==> flow/design.v <==
module ex_reg_bank #(
    parameter integer NUM_REGS = 4,
    parameter integer DATA_W = 4,
    parameter integer RPORTS = 8,
    parameter integer AW = $clog2(NUM_REGS)
) (
    input wire clk_i,
    input wire we,
    input wire [AW-1:0] wa,
    input wire [DATA_W-1:0] din,
    input wire [RPORTS*AW-1:0] read_addr,
    output wire [RPORTS*DATA_W-1:0] rdata
);
    reg [DATA_W-1:0] rf [0:NUM_REGS-1];
    always @(posedge clk_i) begin
        if (we)
            rf[wa] <= din;
    end
    wire [RPORTS*DATA_W-1:0] r;
    genvar m;
    generate
        for (m = 0; m < RPORTS; m = m + 1) begin : row
            assign r[m*DATA_W +: DATA_W] = rf[read_addr[m*AW +: AW]];
        end
    endgenerate
    assign rdata = r;
endmodule
* Step by step through the tools: ex_reg_bank
Tool output for the design above, in the order of the flow.
Lines are those of the file above, counted from 1.
Library cell names are shortened.
Not given: --
- Design top :: ex_reg_bank
- Clock :: clk_i
- Standard-cell library :: sky130hd
- Corner :: tt_025C_1v80

* After elaboration
Yosys after proc, flatten, opt, wreduce and memory -nomap, before mapping. Enables and synchronous resets that opt folds into registers are not counted as muxes. Memory bits, and registers merged into a memory's read port (data or address), are not among the register bits. Print and check cells are not counted. Equal cells are merged and count once.
Yosys's memory passes give these memory sizes; they may raise the number of words (mostly to a power of two), join words into wider ones and drop unused or constant bits.
- Multiplexer cells :: 3
** Operators with widths (count)
- 4-bit 2-to-1 mux :: 1
- 2-bit 2-to-1 mux :: 1
- 1-bit 2-to-1 mux :: 1
- Cells after elaboration :: 4
- Output and inout bits :: 32
- Memories kept :: 1
- Bits in registers :: 0
- Memory bits (writable) :: 16
** Memory list
- rf :: words 4, bits a word 4, read ports 8, wr ports 1, RTL line 14 : reg [DATA_W-1:0] rf [0:NUM_REGS-1];

* Depth
Depth = most cells in a row (Yosys ltp): at word level without a register or memory, in the mapped netlist without a sequential cell, where the memories' decode and read muxes count.
- Depth in word-level cells :: 1
- ABC_AREA :: 0
- Mapped depth :: 1
- Depth with buffers taken out :: 1

* Synthesis result
Yosys stat after the flow's synthesis: flattened, memories mapped to cells. It holds for the ABC_AREA given above (unset counts as 0); a run with the other value may have another netlist.
The area totals of this step are shown rounded.
** Cell types
- mux4_1 :: count 32, area in all 840.806 sq um
- edfxtp_1 :: count 16, area in all 480.461 sq um
- and3b_1 :: count 2, area in all 17.517 sq um
- nor3b_1 :: count 1, area in all 7.507 sq um
- and3_1 :: count 1, area in all 6.256 sq um
- Mapped cells :: 52
- Mapped flip-flops :: 16
- Mapped area :: 1350 sq um

* Worst setup path after synthesis
Source: OpenSTA report_checks on the synthesized netlist (no wires, ideal clock, input and output delay 20% of the period each), path of least setup slack; recovery checks are left aside. Register names are those of the netlist, which keeps one name where synthesis merged equal registers.
- Path kind :: flip-flop to output port
- Start :: memory rf[1][0]
- End :: output port rdata[0]
- Driving pins on the path :: 2
- Arrival :: 0.983 ns
- Launch time at the first pin :: 0.000 ns
- Delay of the path :: 0.983 ns
- Setup slack :: 0.249 ns
- Output delay :: 0.308 ns
- Clock period :: 1.54 ns
- Synthesis period reached :: 1.291 ns
"delay of the path" is the arrival time less input delay plus setup time.
At an output port there is no setup time.
"driving pins on the path" counts driving pins, that of a launching flip-flop among them; a cell with two outputs on the path counts twice.
"synthesis period reached" is the clock period less the worst setup slack; recovery checks do not enter. This is arithmetic on one report: input and output delays are still those of the set period (20% each).
The rows between start and end are the longest chain of elaborated cells between them; the timing report does not say that the signal goes this way. Where chains are equally long, one stands for them.
A line is the first line of the expression or statement that the cell stems from. Yosys adds cells for indexed reads and writes and turns some case tables into memories.
The chain passes a memory read, where the word-level depth is cut; so it can be longer than that depth.
- Cells stage by stage :: edfxtp_1 mux4_1
- Length of the longest elaborated chain :: 1
- Elaborated cells on any way between the ends :: 1
- RTL lines with such cells :: 1
- Classes of those cells :: 1 x memory
** Ends and longest elaborated chain, after synthesis
- start: declaration :: RTL line 14 : reg [DATA_W-1:0] rf [0:NUM_REGS-1];
- memory 4 x 4 bit :: RTL line 14
- end: declaration :: RTL line 12 : output wire [RPORTS*DATA_W-1:0] rdata

* Worst path after layout
From the final timing report of stored run 1: the path of least setup slack in the routed layout; clock arrival at registers is part of the times.
- Path kind :: flip-flop to output port
- Start :: memory rf[2][3]
- End :: output port rdata[11]
- Arrival :: 1.55 ns
- Output delay :: 0.30 ns
- Setup slack :: -0.36 ns
- Driving pins on the path :: 4
- Clock period :: 1.49 ns
- Launch time at the first pin :: 0.24 ns
The rows between start and end are the longest chain of elaborated cells between them; the timing report does not say that the signal goes this way. Where chains are equally long, one stands for them.
The chain passes a memory read, where the word-level depth is cut; so it can be longer than that depth.
- Cells stage by stage :: edfxtp_1 buf_6 mux4_2 buf_6
- Length of the longest elaborated chain :: 1
- Elaborated cells on any way between the ends :: 1
- RTL lines with such cells :: 1
- Classes of those cells :: 1 x memory
** Ends and longest elaborated chain, after layout
- start: declaration :: RTL line 14 : reg [DATA_W-1:0] rf [0:NUM_REGS-1];
- memory 4 x 4 bit :: RTL line 14
- end: declaration :: RTL line 12 : output wire [RPORTS*DATA_W-1:0] rdata

Wiki page: ex_reg_bank / flow data

Flow measurements of ex_reg_bank on sky130hd: 3 stored runs with different settings, listed in no order. Input and output delays are each 20% of the period that was set; the output load is 0.01 pF.
By "period achieved" is meant the clock period of the run minus its worst setup slack. This is arithmetic on one report: input and output delays are still those of the set period (20% each).
"worst setup path time" = time allowed to the worst setup path (clock period - input delay - output delay, where it has them) - its slack; a late launch clock adds to it, a late capture clock takes from it.
"overall power" is the tool's figure for a default switching activity; nothing was simulated.
Measured values are rounded.

** Stored run 1
- Settings :: period_ns=1.49; CORE_UTILIZATION=47; SETUP_SLACK_MARGIN=0.01; PLACE_DENSITY_LB_ADDON=0.15; HOLD_SLACK_MARGIN=0.22; CORE_ASPECT_RATIO=1.91; TNS_END_PERCENT=50; GPL_ROUTABILITY_DRIVEN=0; CTS_CLUSTER_SIZE=80; CAP_MARGIN=20; CORE_MARGIN=2; SLEW_MARGIN=20
- Netlist area reported by Yosys :: 1350 sq um
- Die outline area :: 3350 sq um
- Setup total negative slack :: -10.2 ns
- Setup slack of the critical path :: -0.358 ns
- Overall power :: 0.00146 W
- Worst hold slack :: 0.701 ns
- Period achieved :: 1.848 ns
- Standard-cell area after layout :: 2250 sq um
- Final utilization :: 83.4%
- Worst setup path time :: 1.55 ns
- Type of the worst setup path :: flip-flop to output port

** Stored run 2
- Settings :: period_ns=1.93; CORE_UTILIZATION=64; PLACE_DENSITY_LB_ADDON=0.28; HOLD_SLACK_MARGIN=0.16; CORE_MARGIN=5; CELL_PAD_IN_SITES_DETAIL_PLACEMENT=2; TNS_END_PERCENT=20; GPL_TIMING_DRIVEN=0; CTS_CLUSTER_SIZE=21; SLEW_MARGIN=0; MAX_ROUTING_LAYER=met4; CAP_MARGIN=20
- Outcome :: no results, placement failed with FLW-0024

** Stored run 3
- Settings :: period_ns=1.54; CAP_MARGIN=20; CORE_MARGIN=2; CORE_UTILIZATION=40; SLEW_MARGIN=20
- Netlist area reported by Yosys :: 1350 sq um
- Die outline area :: 3860 sq um
- Setup total negative slack :: -10.1 ns
- Setup slack of the critical path :: -0.351 ns
- Overall power :: 0.00133 W
- Worst hold slack :: 0.661 ns
- Period achieved :: 1.891 ns
- Standard-cell area after layout :: 2280 sq um
- Final utilization :: 69.4%
- Worst setup path time :: 1.58 ns
- Type of the worst setup path :: flip-flop to output port
